==> flow/design.v <==
module sync_cmp_top #(
    parameter DATA_WIDTH = 56
) (
    input aclk,
    input [DATA_WIDTH-1:0] i_first,
    input [DATA_WIDTH-1:0] i_second,
    output reg o_equal
);
    reg [DATA_WIDTH-1:0] r_first;
    reg [DATA_WIDTH-1:0] r_second;
    reg [DATA_WIDTH-1:0] r_t;
    always @(posedge aclk) begin
        r_first <= i_first;
        r_second <= i_second;
        r_t <= r_first ^ r_second;
        o_equal <= (r_t == 0);
    end
endmodule
# Tool chain data of sync_cmp_top
# The steps from the RTL of sync_cmp_top to its reports follow in flow order.
# Lines are those of the file above, counted from 1.
# Library cell names are shortened.
# The mark -- stands for no value.
# design
design	sync_cmp_top
clock	aclk
library	sky130hd
corner	tt_025C_1v80

# After elaboration
# Counts by Yosys on the flattened word-level netlist (proc, flatten, opt, wreduce; memories kept). Register bits leave out memories and registers merged into their read ports (data or address); mux counts leave out enables and synchronous resets folded into registers. Print and check cells are left out. Cells with the same type and inputs are merged into one.
# classes
n_logic	1
n_reduce_logical	1
# op_table
op	count
56-bit bitwise XOR	1
56-bit zero test	1
# word_totals
register_bits	169
input_bits	113
out_inout_bits	1
wordCells	6

# Logic depth
# Longest topological path by Yosys (ltp), each cell counted once; first at word level (registers and memories cut), then after technology mapping (sequential cells cut; the memories' decode and read muxes count).
# logic_depth
ltp_word	1
abc_area	0
ltp_mapped	3

# Mapped cells and area
# Source: synth_stat.txt of the flow (Yosys; design flattened, memories mapped). It holds for the ABC_AREA given above (unset counts as 0); a run with the other value may have another netlist.
# mapped
cell_count	244
yosys_area_um2	4002.6
seqArea_um2	3383.2
ff_cells	169
buf_cells	0
# by_type
cell_type	count
dfxtp_1	169
xor2_1	56
nor4_1	13
nor4_2	2
nand4_1	3
nand2_1	1

# Timing after synthesis
# Path of least setup slack by OpenSTA after synthesis, without wires, with an ideal clock, recovery checks aside; 20% of the period is set as input and as output delay. Where synthesis merged equal registers, the netlist keeps one of their names.
# synth_timing
path_kind	register to register
startpoint	reg r_t[3]
endpoint	reg o_equal
period_ns	1.23
launch_ns	0.000
t_arrival_ns	0.898
t_required_ns	1.142
slack_ns	0.244
path_delay_ns	0.986
driving_pins	4
n_path_buf	0
synth_period_reached_ns	0.986
# "path_delay_ns" = arrival - input delay + setup time.
# "driving_pins" counts driving pins, that of a launching flip-flop among them; a cell with two outputs on the path counts twice.
# "synth_period_reached_ns" is the clock period less the worst setup slack; recovery checks do not enter. This is arithmetic on one report: input and output delays are still those of the set period (20% each).
# The rows between start and end are the longest chain of elaborated cells between them; the timing report does not say that the signal goes this way. Where chains are equally long, one stands for them.
# A line is the first line of the expression or statement that the cell stems from. Yosys adds cells for indexed reads and writes and turns some case tables into memories.
# synth_via
cell_sequence	dfxtp_1 nor4_1 nand4_1 nor4_2
elab_chain_len	1
cells_between	1
lines_between	1
cone_classes	1 x reduce/logical
# synth_rtl
element	line_no	text
start, declared	11	reg [DATA_WIDTH-1:0] r_t;
start, assigned	15	r_t <= r_first ^ r_second;
56-bit zero test	16	o_equal <= (r_t == 0);
end, assigned	16
end, declared	7	output reg o_equal

# Timing after layout
# From the final timing report of record 1: the path of least setup slack in the routed layout; clock arrival at registers is part of the times.
# layout_timing
path_kind	register to output
startpoint	reg o_equal
endpoint	out o_equal
period_ns	1.23
output_delay_ns	0.25
launch_ns	0.50
t_arrival_ns	0.92
t_required_ns	0.98
slack_ns	0.06
driving_pins	2
n_path_buf	1
# layout_via
cell_sequence	dfxtp_1 buf_2
elab_chain_len	0
cells_between	0
lines_between	0
# layout_rtl
element	line_no	text
start, declared	7	output reg o_equal
start, assigned	16	o_equal <= (r_t == 0);
end, declared	7

Ticket comment

Design sync_cmp_top on sky130hd. What follows are 3 stored runs of the flow, each under its own settings; their order means nothing. The constraints put input and output delay at 20% of the set period each and load the outputs with 0.01 pF.
"achievedPeriod_ns" means the clock period less the worst setup slack. The figure is calculated, with input and output delays left at 20% of the set period.
By "power.total_w" is meant OpenSTA's value without simulated activity: inputs other than the clock are taken to toggle once in ten clock periods, and the tool carries that through the logic.

Record 1, flow files:
==> flow/run.sh <==
#!/bin/bash
# the make line also repeats the synthesis and layout settings of config.mk as NAME=value (left out here)
make -C /OpenROAD-flow-scripts/flow DESIGN_CONFIG=/design/flow/config.mk WORK_HOME=/design/flow/orfs CLKGATE_MAP_FILE= finish
==> flow/config.mk <==
export PLATFORM = sky130hd
export DESIGN_NAME = sync_cmp_top
export DESIGN_NICKNAME = sync_cmp_top
export VERILOG_FILES = /design/flow/design.v
export SDC_FILE = /design/flow/constraint.sdc
export NUM_CORES = 4
export LEC_CHECK = 0
export CAP_MARGIN = 20
export CORE_MARGIN = 2
export CORE_UTILIZATION = 40
export SLEW_MARGIN = 20
==> flow/constraint.sdc <==
create_clock -name core_clock -period 1.23 [get_ports {aclk}]
set_input_delay 0.2460 -clock core_clock [delete_from_list [all_inputs] [get_ports {aclk}]]
set_output_delay 0.2460 -clock core_clock [all_outputs]
set_load 0.01 [all_outputs]

==> results of record 1, as CSV <==
result,value
post_route_stdcell_area_um2,5885.6
achievedPeriod_ns,1.169
die_um2,10822.2
post_synth_area_um2,4002.6
finalUtil_pct,60.5
power.total_w,0.011516
worst_setup_slack_ns,0.061

Record 2, flow files:
==> flow/run.sh <==
#!/bin/bash
# the make line also repeats the synthesis and layout settings of config.mk as NAME=value (left out here)
make -C /OpenROAD-flow-scripts/flow DESIGN_CONFIG=/design/flow/config.mk WORK_HOME=/design/flow/orfs CLKGATE_MAP_FILE= finish
==> flow/config.mk <==
export PLATFORM = sky130hd
export DESIGN_NAME = sync_cmp_top
export DESIGN_NICKNAME = sync_cmp_top
export VERILOG_FILES = /design/flow/design.v
export SDC_FILE = /design/flow/constraint.sdc
export NUM_CORES = 4
export LEC_CHECK = 0
export ABC_AREA = 0
export CAP_MARGIN = 20
export CELL_PAD_IN_SITES_GLOBAL_PLACEMENT = 1
export CORE_ASPECT_RATIO = 0.83
export CORE_MARGIN = 2
export CORE_UTILIZATION = 45
export GPL_ROUTABILITY_DRIVEN = 1
export GPL_TIMING_DRIVEN = 0
export PLACE_DENSITY_LB_ADDON = 0.29
export SLEW_MARGIN = 20
==> flow/constraint.sdc <==
create_clock -name core_clock -period 0.851 [get_ports {aclk}]
set_input_delay 0.1702 -clock core_clock [delete_from_list [all_inputs] [get_ports {aclk}]]
set_output_delay 0.1702 -clock core_clock [all_outputs]
set_load 0.01 [all_outputs]

==> results of record 2, as CSV <==
result,value
post_route_stdcell_area_um2,5935.7
achievedPeriod_ns,1.123
die_um2,9668.2
post_synth_area_um2,4002.6
finalUtil_pct,68.3
power.total_w,0.016737
worst_setup_slack_ns,-0.272

Record 3, flow files:
==> flow/run.sh <==
#!/bin/bash
# the make line also repeats the synthesis and layout settings of config.mk as NAME=value (left out here)
make -C /OpenROAD-flow-scripts/flow DESIGN_CONFIG=/design/flow/config.mk WORK_HOME=/design/flow/orfs CLKGATE_MAP_FILE= finish
==> flow/config.mk <==
export PLATFORM = sky130hd
export DESIGN_NAME = sync_cmp_top
export DESIGN_NICKNAME = sync_cmp_top
export VERILOG_FILES = /design/flow/design.v
export SDC_FILE = /design/flow/constraint.sdc
export NUM_CORES = 4
export LEC_CHECK = 0
export ABC_AREA = 1
export CAP_MARGIN = 20
export CORE_ASPECT_RATIO = 1.3
export CORE_MARGIN = 2
export CORE_UTILIZATION = 70
export CTS_CLUSTER_DIAMETER = 110
export GPL_ROUTABILITY_DRIVEN = 1
export MAX_ROUTING_LAYER = met4
export PLACE_DENSITY_LB_ADDON = 0.06
export SLEW_MARGIN = 20
==> flow/constraint.sdc <==
create_clock -name core_clock -period 1.53 [get_ports {aclk}]
set_input_delay 0.3060 -clock core_clock [delete_from_list [all_inputs] [get_ports {aclk}]]
set_output_delay 0.3060 -clock core_clock [all_outputs]
set_load 0.01 [all_outputs]

Record 3: no results, clock tree synthesis failed with DPL-0038
